==> flow/design.v <==
module reg_bank_n #(
    parameter integer NREGS = 64,
    parameter integer WD = 10,
    parameter integer AW = $clog2(NREGS)
) (
    input wire clk,
    input wire rst_ni,
    input wire en,
    input wire write_in,
    input wire [AW-1:0] wr_addr_in,
    input wire [WD-1:0] wr_data_in,
    input wire [AW-1:0] raddr1_in,
    input wire [AW-1:0] raddr2_in,
    output wire [WD-1:0] dout1_out,
    output wire [WD-1:0] dout2_out
);
    reg write_reg;
    always @(posedge clk) begin
        if (!rst_ni) begin
            write_reg <= 1'b0;
        end else if (en) begin
            write_reg <= write_in;
        end
    end
    reg [AW-1:0] wr_addr_reg;
    always @(posedge clk) begin
        if (!rst_ni) begin
            wr_addr_reg <= 0;
        end else if (en) begin
            wr_addr_reg <= wr_addr_in;
        end
    end
    reg [WD-1:0] wr_data_reg;
    always @(posedge clk) begin
        if (!rst_ni) begin
            wr_data_reg <= 0;
        end else if (en) begin
            wr_data_reg <= wr_data_in;
        end
    end
    reg [WD-1:0] gpr [NREGS-1:0];
    always @(posedge clk) begin
        if (en && write_reg)
            gpr[wr_addr_reg] <= wr_data_reg;
    end
    reg [AW-1:0] raddr1_reg;
    always @(posedge clk) begin
        if (!rst_ni) begin
            raddr1_reg <= 0;
        end else if (en) begin
            raddr1_reg <= raddr1_in;
        end
    end
    reg [AW-1:0] raddr2_reg;
    always @(posedge clk) begin
        if (!rst_ni) begin
            raddr2_reg <= 0;
        end else if (en) begin
            raddr2_reg <= raddr2_in;
        end
    end
    assign dout1_out = (write_reg && wr_addr_reg == raddr1_reg) ? wr_data_reg : gpr[raddr1_reg];
    assign dout2_out = (write_reg && wr_addr_reg == raddr2_reg) ? wr_data_reg : gpr[raddr2_reg];
endmodule
# ---- From RTL to reports: reg_bank_n
# What the tools print for reg_bank_n, step after step.
# Line numbers count from 1 in the design file above.
# Operators carry their Yosys type and port widths (W data, S select, Z words).
# Library cell names are shortened.
# Not given: n/a
dict set report setup {
  top {reg_bank_n}
  clock_port {clk}
  lib {sky130hd}
  corner {tt_025C_1v80}
}

# ---- After elaboration
# Counts by Yosys on the flattened word-level netlist (proc, flatten, opt, wreduce; memories kept). Print and check cells are left out. Cells with the same type and inputs are merged into one.
# Memory sizes are those after Yosys's memory passes, which may raise the word count (mostly to a power of two), join words into wider ones and drop unused or constant bits.
dict set report classes {
  add_sub_neg 0
  n_mul 0
  div_mod_pow 0
  n_cmp 0
  eq_ne 2
  shifts 0
  n_mux 9
  logic 0
  n_reduce_logical 3
}
# operator n
set op_table {}
lappend op_table {{$mux W10} 3}
lappend op_table {{$mux W6} 5}
lappend op_table {{$eq A6 B6 Y1} 2}
lappend op_table {{$logic_and A1 B1 Y1} 3}
lappend op_table {{$mux W1} 1}
dict set report word_totals {
  ff_bits 29
  latchBits 0
  mem_bits_rw 640
  rom_bits 0
  clocked_rd_ports_x_width 20
  mem_count 1
  output_inout_bits 20
}
# name words width rd write_ports line
set mem_list {}
lappend mem_list {gpr 64 10 2 1 41} ;# reg [WD-1:0] gpr [NREGS-1:0];

# ---- Depth
# Longest topological path by Yosys (ltp), each cell counted once; first at word level (registers and memories cut), then after technology mapping (sequential cells cut; the memories' decode and read muxes count).
dict set report logic_depth {
  word_depth 3
  ABC_AREA 0
  depth_mapped 10
}

# ---- Netlist
# Yosys stat after the flow's synthesis: flattened, memories mapped to cells. It holds for the ABC_AREA given above (unset counts as 0); a run with the other value may have another netlist.
dict set report mapped {
  cells 1748
  area_um2 31938.1
  seqArea_um2 20039.2
  flip_flops 681
  buffers 134
}
# type n type_area_um2
set types {}
lappend types {edfxtp_1 640 1.92E+04}
lappend types {mux4_2 273 6.15E+03}
lappend types {mux2i_1 176 1761.69}
lappend types {dfxtp_1 41 820.787}
lappend types {mux2_2 53 596.822}
lappend types {nor2b_1 51 319.056}
lappend types {nor2_1 75 281.52}
lappend types {buf_2 50 250.24}
lappend types {o22ai_1 35 218.96}
lappend types {nand2_1 56 210.202}
lappend types {buf_4 23 172.666}
lappend types {clkbuf_1 40 150.144}
lappend types {mux4_1 5 131.376}
lappend types {a22oi_1 15 112.608}
lappend types {a21oi_1 21 105.101}
lappend types {xnor2_1 12 105.101}
lappend types {o2111a_1 9 101.347}
lappend types {buf_6 8 90.086}
# Not listed: further types 35, cells in them 165.

# ---- Worst setup path after synthesis
# Path of least setup slack by OpenSTA after synthesis, without wires, with an ideal clock, recovery checks aside; 20% of the period is set as input and as output delay. Where synthesis merged equal registers, the netlist keeps one of their names.
dict set report synth_timing {
  path_kind {flip-flop to output port}
  startpoint {register (name not given)}
  endpoint {output port dout2_out[7]}
  tclk_ns 3.25
  out_delay_ns 0.650
  t_first_pin_ns 0.000
  t_arrival_ns 2.082
  path_slack_ns 0.518
  path_delay_ns 2.082
  driving_pins 8
  period_less_setup_slack_ns 2.732
}
# "path_delay_ns" = arrival - input delay + setup time.
# At an output port there is no setup time.
# "driving_pins" counts driving pins, that of a launching flip-flop among them; a cell with two outputs on the path counts twice.
# "period_less_setup_slack_ns" = period - worst setup slack (recovery checks aside). The figure is calculated, with input and output delays left at 20% of the set period.
dict set report synth_between {
  cell_sequence {dfxtp_1 > buf_2 > buf_2 > mux4_2 > mux2i_1 > nor2_1 > a2111oi_0 > o221ai_1}
}
# element line
set synth_lines {}
lappend synth_lines {{to (decl)} 15} ;# output wire [WD-1:0] dout2_out
# No chain of elaborated cells between the ends is given.

# ---- Path in the finished layout
# Path of least setup slack in the final report of flow run 1 (OpenROAD, finished layout, wires in). Where an end is a register, its clock arrival counts in the times.
dict set report layout_timing {
  path_kind {flip-flop to output port}
  startpoint {register (name not given)}
  endpoint {output port dout1_out[6]}
  tclk_ns 3.25
  out_delay_ns 0.65
  t_first_pin_ns 0.61
  t_arrival_ns 3.19
  path_slack_ns -0.59
  driving_pins 9
}
dict set report layout_between {
  cell_sequence {dfxtp_4 > buf_6 > buf_12 > buf_4 > mux4_2 > mux4_2 > or3_4 > o2111a_2 > buf_6}
}
# element line
set layout_lines {}
lappend layout_lines {{to (decl)} 14} ;# output wire [WD-1:0] dout1_out,
# No chain of elaborated cells between the ends is given.

# reg_bank_n through Yosys and OpenROAD on sky130hd: 3 stored runs, unordered, with their settings and measured results. The constraints put input and output delay at 20% of the set period each and load the outputs with 0.01 pF.
# By "achievedPeriod_ns" is meant the clock period of the run minus its worst setup slack. This is arithmetic on one report: input and output delays are still those of the set period (20% each).
# By "worst_path_ns" is meant the share of the clock period that the worst setup path is allowed (20% is reserved at inputs, 20% at outputs), minus its slack. Clock arrival times at its registers enter into it.
# By "design_power_w" is meant OpenSTA's value without simulated activity: inputs other than the clock are taken to toggle once in ten clock periods, and the tool carries that through the logic.
run="flow run 1" settings period_ns=3.25 CAP_MARGIN=20 CORE_MARGIN=2 CORE_UTILIZATION=40 SLEW_MARGIN=20
run="flow run 1" results achievedPeriod_ns=3.838 final_setup_ws_ns=-0.588 util_pct=50.1 design_die_area_um2=82122.4 synthArea_um2=31938.1 worst_path_ns=3.19 critical_path_kind="flip-flop to output port" design_power_w=0.02029 ws_hold_ns=0.487 final_stdcell_area_um2=39606.7
run="flow run 2" settings period_ns=2.59 CORE_UTILIZATION=64 SETUP_SLACK_MARGIN=0.5 CELL_PAD_IN_SITES_GLOBAL_PLACEMENT=1 CELL_PAD_IN_SITES_DETAIL_PLACEMENT=2 TNS_END_PERCENT=100 CAP_MARGIN=20 SLEW_MARGIN=25 MIN_ROUTING_LAYER="met2" CORE_MARGIN=2
run="flow run 2" outcome="did not finish, placement stopped with DPL-0033"
run="flow run 3" settings period_ns=3.7 CORE_UTILIZATION=16 PLACE_DENSITY_LB_ADDON=0.19 CORE_ASPECT_RATIO=1.93 CORE_MARGIN=9 GPL_ROUTABILITY_DRIVEN=1 CAP_MARGIN=10 SLEW_MARGIN=20
run="flow run 3" results achievedPeriod_ns=4.173 final_setup_ws_ns=-0.473 util_pct=21.4 design_die_area_um2=216899.0 synthArea_um2=31938.1 worst_path_ns=3.43 critical_path_kind="flip-flop to output port" design_power_w=0.018012 ws_hold_ns=0.559 final_stdcell_area_um2=42450.7
